==> flow/design.v <==
module plus_mod #(
    parameter WD = 32
) (
    input clk_i,
    input rst_ni,
    input [WD-1:0] first,
    input [WD-1:0] second,
    input [WD-1:0] third,
    output [WD+1:0] result
);
    reg [WD+1:0] result_reg;
    always @(posedge clk_i) begin
        if (!rst_ni) begin
            result_reg <= 0;
        end else begin
            result_reg <= first + second + third;
        end
    end
    assign result = result_reg;
endmodule
* Tool chain data of plus_mod *
The steps from the RTL of plus_mod to its reports follow in flow order.
Line numbers count from 1 in the design file above.
Operators carry their Yosys type and port widths (W data, S select, Z words).
Cell names lack the library's common part.
A cell with n/a has no value.

inputs
  top = plus_mod
  clock = clk_i
  cell library = sky130hd
  corner = tt_025C_1v80

* Word-level counts *
Counts by Yosys on the flattened word-level netlist (proc, flatten, opt, wreduce; memories kept). Register bits leave out memories and registers merged into their read ports (data or address); mux counts leave out enables and synchronous resets folded into registers. Print and check cells are left out. Cells with the same type and inputs are merged into one.

bit counts
  ROM bits = 0
  memory bits (writable) = 0
  latch bits = 0
  register bits after elaboration = 34
  input bits = 98
  clocked read ports x word width = 0
  output and inout port bits = 34
  elaborated cells = 3
  memories = 0

cells by class
  eq/ne operators = 0
  bitwise gates (word level) = 0
  multiplexer cells = 0
  divide/modulo/power cells = 0
  order comparisons = 0
  shifts and indexed selects = 0
  reductions and logical operators = 0
  multiply operators = 0
  $add $sub $neg = 2

operators with widths
  cell              count
  $add A33 B32 Y34  1
  $add A32 B32 Y33  1

* Depth *
Depth = most cells in a row (Yosys ltp): at word level without a register or memory, in the mapped netlist without a sequential cell, where the memories' decode and read muxes count.

logic depth
  word-level depth = 2
  ABC_AREA = 0
  gate-level depth with buffers = 11
  gate-level depth less buffers = 11

* Synthesis result *
Yosys stat after the flow's synthesis: flattened, memories mapped to cells. It holds for the ABC_AREA given above (unset counts as 0); a run with the other value may have another netlist.

cells by type
  cell      count  area in all (µm²)
  dfxtp_1   34     680.653
  fa_1      33     660.634
  ha_1      31     387.872
  a21oi_1   42     210.202
  nand2_1   37     138.883
  and2_1    18     112.608
  o21ai_0   18     90.086
  mux2i_1   8      80.077
  xnor2_1   8      70.067
  xor2_1    8      70.067
  nand4_1   11     68.816
  a21o_1    9      67.565
  nor2_1    14     52.55
  o211ai_1  7      52.55
  nand2b_1  8      50.048
  clkbuf_1  11     41.29
  nor3_1    8      40.038
  inv_1     9      33.782

Not listed: further types 40, cells in them 68.

synthesis totals
  area of sequential cells = 680.7 µm²
  cells in the netlist = 382
  flip-flops = 34
  chip area (Yosys) = 3433.3 µm²
  buffer cells = 17

* Path before layout *
OpenSTA on the mapped netlist: ideal clock, no wires. The path of least setup slack (recovery checks aside). Input and output delay are each 20% of the period. Register names are those of the netlist, which keeps one name where synthesis merged equal registers.

path post-synthesis
  path kind = in2reg
  from = input port first[1]
  to = register result_reg[31]
  delay of the path = 2513 ps
  arrival time = 3183 ps
  stages on the path = 9
  time at the first pin = 786 ps
  setup time = 116 ps
  path slack = 632 ps
  input delay = 786 ps
  period = 3930 ps
  path buffers = 0
  synthesis period reached = 3298 ps

"delay of the path" is the arrival time less input delay plus setup time.
"stages on the path" counts driving pins, that of a launching flip-flop among them; a cell with two outputs on the path counts twice.
"synthesis period reached" is the clock period less the worst setup slack; recovery checks do not enter. This is arithmetic on one report: input and output delays are still those of the set period (20% each).
The rows between start and end are the longest chain of elaborated cells between them; the timing report does not say that the signal goes this way. Where chains are equally long, one stands for them.
A line is the first line of the expression or statement that the cell stems from. Yosys adds cells for indexed reads and writes and turns some case tables into memories.

on the way, post-synthesis
  cells stage by stage = fa_1 -> ha_1 -> fa_1 -> a21o_1 -> a221o_2 -> a31oi_4 -> nor4b_1 -> or3_1 -> and3_1
  length of the longest elaborated chain = 2
  elaborated cells between the ends (all ways) = 2
  source lines of those cells = 1
  those cells by class = 2 x add/sub

ends and longest elaborated chain, post-synthesis
  element           line  text
  start, declared   6     input [WD-1:0] first,
  $add A32 B32 Y33  16    result_reg <= first + second + third;
  $add A33 B32 Y34  16
  end, assigned     14    result_reg <= 0;
  end, assigned     16
  end, declared     11    reg [WD+1:0] result_reg;

* Path in the finished layout *
Path of least setup slack in the final report of record 1 (OpenROAD, finished layout, wires in). Where an end is a register, its clock arrival counts in the times.
The report prints the path's times to 10 ps; the period is as set.

path post-layout
  path kind = in2reg
  from = input port first[1]
  to = register result_reg[31]
  stages on the path = 10
  path slack = 1640 ps
  time at the first pin = 1120 ps
  input delay = 1120 ps
  arrival time = 4130 ps
  path buffers = 1
  setup time = 100 ps
  period = 5590 ps

The rows between start and end are the longest chain of elaborated cells between them; the timing report does not say that the signal goes this way. Where chains are equally long, one stands for them.

on the way, post-layout
  cells stage by stage = clkdlybuf4s50_1 -> fa_1 -> ha_1 -> fa_1 -> a21o_1 -> a221o_2 -> a31oi_4 -> nor4b_1 -> or3_1 -> and3_1
  length of the longest elaborated chain = 2
  elaborated cells between the ends (all ways) = 2
  source lines of those cells = 1
  those cells by class = 2 x add/sub

ends and longest elaborated chain, post-layout
  element           line  text
  start, declared   6     input [WD-1:0] first,
  $add A32 B32 Y33  16    result_reg <= first + second + third;
  $add A33 B32 Y34  16
  end, assigned     14    result_reg <= 0;
  end, assigned     16
  end, declared     11    reg [WD+1:0] result_reg;

Subject: plus_mod on sky130hd, stored results

Hello all,

Record of 3 stored runs of the RTL-to-layout flow on plus_mod, platform sky130hd. The runs are unordered. Constraints: input delay and output delay 20% of the set period each, output load 0.01 pF.
"achieved clock period" = clock period - worst setup slack. The figure is calculated, with input and output delays left at 20% of the set period.
"power consumption" is the tool's figure for a default switching activity; nothing was simulated.
A setting shown as . is not set for that run.

setting or result                          record 1  record 2  record 3
period_ns                                  5.59      2.22      3.93
CORE_UTILIZATION                           53        16        40
PLACE_DENSITY_LB_ADDON                     0.08      0.02      .
CORE_MARGIN                                8         2         2
ABC_AREA                                   0         .         .
GPL_TIMING_DRIVEN                          1         .         .
GPL_ROUTABILITY_DRIVEN                     1         1         .
CAP_MARGIN                                 30        10        20
SLEW_MARGIN                                30        15        20
MAX_ROUTING_LAYER                          met5      .         .
SETUP_SLACK_MARGIN                         .         0.57      .
CORE_ASPECT_RATIO                          .         1.38      .
CELL_PAD_IN_SITES_GLOBAL_PLACEMENT         .         1         .
CELL_PAD_IN_SITES_DETAIL_PLACEMENT         .         2         .
TNS_END_PERCENT                            .         90        .
CTS_CLUSTER_DIAMETER                       .         33        .
MIN_ROUTING_LAYER                          .         met2      .
final setup TNS (ps)                       0         -12000    0
standard-cell area after layout (µm²)      4864.7    7058.0    4987.3
worst hold slack in the final report (ps)  1552      679       1186
power consumption (mW)                     1.347     5.326     2.052
area inside the die boundary (µm²)         9309.4    22660.6   9340.3
smallest setup slack (ps)                  1641      -630      294
achieved clock period (ps)                 3949      2850      3636
post-synthesis cell area (µm²)             3433.3    3433.3    3433.3

Thanks
